==> flow/design.v <==
module subtractor_top (ck, i_rst, x, y, diff, borrow);
  parameter DW = 7;
  input ck;
  input i_rst;
  input [DW-1:0] x;
  input [DW-1:0] y;
  output [DW-1:0] diff;
  output borrow;
  wire [DW:0] work;
  assign work = {1'b0, x} - {1'b0, y};
  reg [DW-1:0] r_diff;
  always @(posedge ck) begin
    if (i_rst) begin
      r_diff <= 0;
    end else begin
      r_diff <= work[DW-1:0];
    end
  end
  assign diff = r_diff;
  reg r_borrow;
  always @(posedge ck) begin
    if (i_rst) begin
      r_borrow <= 1'b0;
    end else begin
      r_borrow <= work[DW];
    end
  end
  assign borrow = r_borrow;
endmodule
==> Reports on subtractor_top <==
Tool output for the design above, in the order of the flow.
Line numbers count from 1 in the design file above.
{ "design": {"design": "subtractor_top", "clk_port": "ck", "library": "sky130hd", "pvt_corner": "tt_025C_1v80"} }

==> Word level <==
Yosys after proc, flatten, opt, wreduce and memory -nomap, before mapping. Enables and synchronous resets that opt folds into registers are not counted as muxes. Memory bits, and registers merged into a memory's read port (data or address), are not among the register bits. Print and check cells are not counted. Equal cells are merged and count once.
{ "word_totals": {"reg_bits": 8, "word_cells": 3} }
{ "classes": {"add_sub_neg": 1} }
{ "op_table": {"columns": ["operator", "n"], "rows": [
  ["subtractor 7 x 7 -> 8 bit", 1]
]} }

==> Logic depth <==
Longest topological path by Yosys (ltp), each cell counted once; first at word level (registers and memories cut), then after technology mapping (sequential cells cut; the memories' decode and read muxes count).
{ "logic_depth": {"ltp_word": 1, "abc_area": 0, "depth_mapped": 8, "depth_no_buf": 8} }

==> Synthesis result <==
Source: synth_stat.txt of the flow (Yosys; design flattened, memories mapped). It holds for the ABC_AREA given above (unset counts as 0); a run with the other value may have another netlist.
Totals and module areas in this step are rounded.
{ "types": {"columns": ["cell", "n"], "rows": [
  ["sky130_fd_sc_hd__dfxtp_1", 8],
  ["sky130_fd_sc_hd__ha_1", 7],
  ["sky130_fd_sc_hd__inv_1", 9],
  ["sky130_fd_sc_hd__nor3b_1", 3],
  ["sky130_fd_sc_hd__fa_1", 1],
  ["sky130_fd_sc_hd__xnor2_1", 2],
  ["sky130_fd_sc_hd__a2111oi_2", 1],
  ["sky130_fd_sc_hd__a21o_1", 2],
  ["sky130_fd_sc_hd__nor3_1", 3],
  ["sky130_fd_sc_hd__o21a_1", 2],
  ["sky130_fd_sc_hd__buf_6", 1],
  ["sky130_fd_sc_hd__nor2_1", 3],
  ["sky130_fd_sc_hd__a21oi_1", 2],
  ["sky130_fd_sc_hd__mux2i_1", 1],
  ["sky130_fd_sc_hd__a21oi_2", 1],
  ["sky130_fd_sc_hd__and2b_2", 1],
  ["sky130_fd_sc_hd__nand2b_2", 1],
  ["sky130_fd_sc_hd__nor4b_1", 1]
]} }
Not listed: further types 7, cells in them 8.
{ "mapped": {"cell_count": 57, "mapped_area_mm2": 0.0005305, "seq_area_mm2": 0.0001602, "ff_cells": 8} }

==> Timing after synthesis <==
Path of least setup slack by OpenSTA after synthesis, without wires, with an ideal clock, recovery checks aside; 20% of the period is set as input and as output delay. Where synthesis merged equal registers, the netlist keeps one of their names.
{ "synth_timing": {"path_kind": "input to register", "startpoint": "input x[0]", "endpoint": "register r_diff[4]", "tclk_ps": 1930, "input_delay_ps": 386, "launch_ps": 386, "arrival_time_ps": 1507, "required_ps": 1815, "slack_ps": 308, "path_delay_ps": 1236, "stages": 8, "n_path_buf": 0, "synth_period_reached_ps": 1622} }
"path_delay_ps" is the arrival time less input delay plus setup time.
"stages": output pins that drive a net of the path, with the launching flip-flop's if there is one; two outputs of one cell count as two.
"synth_period_reached_ps" = period - worst setup slack (recovery checks aside). The figure is calculated, with input and output delays left at 20% of the set period.
The rows between start and end are the longest chain of elaborated cells between them; the timing report does not say that the signal goes this way. Where chains are equally long, one stands for them.
Each line given opens the expression or statement behind the cell; cells for indexed reads and writes are added by Yosys, which also makes memories of some case tables.
{ "synth_between": {"path_cell_list": "sky130_fd_sc_hd__inv_1 sky130_fd_sc_hd__ha_1 sky130_fd_sc_hd__inv_1 sky130_fd_sc_hd__fa_1 sky130_fd_sc_hd__a21o_1 sky130_fd_sc_hd__a21oi_2 sky130_fd_sc_hd__xnor2_1 sky130_fd_sc_hd__nor2_1", "elab_chain_cells": 1, "cone_cells": 1, "lines_between": 1, "classes_between": "add/sub: 1"} }
{ "synth_lines": {"columns": ["item", "line_no", "source"], "rows": [
  ["start: declaration", 5, "input [DW-1:0] x;"],
  ["subtractor 7 x 7 -> 8 bit", 10, "assign work = {1'b0, x} - {1'b0, y};"],
  ["end: assignment", 14, "r_diff <= 0;"],
  ["end: assignment", 16, "r_diff <= work[DW-1:0];"],
  ["end: declaration", 11, "reg [DW-1:0] r_diff;"]
]} }

==> Timing after layout <==
From the final timing report of entry C: the path of least setup slack in the routed layout; clock arrival at registers is part of the times.
The path's times are printed in steps of 10 ps; the period is the one set.
{ "layout_timing": {"path_kind": "input to register", "startpoint": "input y[0]", "endpoint": "register r_diff[4]", "tclk_ps": 1930, "input_delay_ps": 390, "launch_ps": 390, "arrival_time_ps": 1920, "required_ps": 2070, "slack_ps": 150, "stages": 8, "n_path_buf": 1} }
The rows between start and end are the longest chain of elaborated cells between them; the timing report does not say that the signal goes this way. Where chains are equally long, one stands for them.
{ "layout_between": {"path_cell_list": "sky130_fd_sc_hd__clkdlybuf4s50_1 sky130_fd_sc_hd__ha_1 sky130_fd_sc_hd__inv_1 sky130_fd_sc_hd__fa_2 sky130_fd_sc_hd__a21o_1 sky130_fd_sc_hd__a21oi_2 sky130_fd_sc_hd__xnor2_1 sky130_fd_sc_hd__nor2_1", "elab_chain_cells": 1, "cone_cells": 1, "lines_between": 1, "classes_between": "add/sub: 1"} }
{ "layout_lines": {"columns": ["item", "line_no", "source"], "rows": [
  ["start: declaration", 6, "input [DW-1:0] y;"],
  ["subtractor 7 x 7 -> 8 bit", 10, "assign work = {1'b0, x} - {1'b0, y};"],
  ["end: assignment", 14, "r_diff <= 0;"],
  ["end: assignment", 16, "r_diff <= work[DW-1:0];"],
  ["end: declaration", 11, "reg [DW-1:0] r_diff;"]
]} }

Subject: subtractor_top on sky130hd, stored results

Hello all,

subtractor_top through Yosys and OpenROAD on sky130hd: 3 stored runs, unordered, with their settings and measured results. The constraints put input and output delay at 20% of the set period each and load the outputs with 0.01 pF.
"worst_path_allowed_less_slack_ps" = time allowed to the worst setup path (clock period - input delay - output delay, where it has them) - its slack; a late launch clock adds to it, a late capture clock takes from it.
"final_power_mw" rests on the timing tool's default activity at the inputs, not on a simulated workload.
"worst_path_allowed_less_slack_ps" is given in steps of 10 ps.
Results are given in rounded form.
[
  {
    "run": "entry A",
    "settings": { "period_ns": 1.19, "CORE_UTILIZATION": 49, "PLACE_DENSITY_LB_ADDON": 0.21, "CELL_PAD_IN_SITES_GLOBAL_PLACEMENT": 2, "CELL_PAD_IN_SITES_DETAIL_PLACEMENT": 2, "TNS_END_PERCENT": 85, "GPL_TIMING_DRIVEN": 0, "SLEW_MARGIN": 10, "MIN_ROUTING_LAYER": "met2", "MAX_ROUTING_LAYER": "met4", "CAP_MARGIN": 20, "CORE_MARGIN": 2 },
    "outcome": "no final report: placement broke off with FLW-0024"
  },
  {
    "run": "entry B",
    "settings": { "period_ns": 0.944, "CORE_UTILIZATION": 28, "SETUP_SLACK_MARGIN": 0.2, "PLACE_DENSITY_LB_ADDON": 0.23, "CELL_PAD_IN_SITES_DETAIL_PLACEMENT": 2, "ABC_AREA": 0, "GPL_ROUTABILITY_DRIVEN": 1, "CTS_CLUSTER_SIZE": 43, "CAP_MARGIN": 0, "MIN_ROUTING_LAYER": "met2", "CORE_MARGIN": 2, "SLEW_MARGIN": 20 },
    "outcome": "no final report: clock tree synthesis broke off with DPL-0033"
  },
  {
    "run": "entry C",
    "settings": { "period_ns": 1.93, "CAP_MARGIN": 20, "CORE_MARGIN": 2, "CORE_UTILIZATION": 40, "SLEW_MARGIN": 20 },
    "results": { "final_power_mw": 0.5040, "cell_area_final_mm2": 0.0008458, "timing.hold.ws_ps": 777, "die_mm2": 0.001634, "synth_chip_area_mm2": 0.0005305, "setup_ws_ps": 148, "worst_path_allowed_less_slack_ps": 1400, "worst_setup_path_type": "input to register" }
  }
]

Thanks
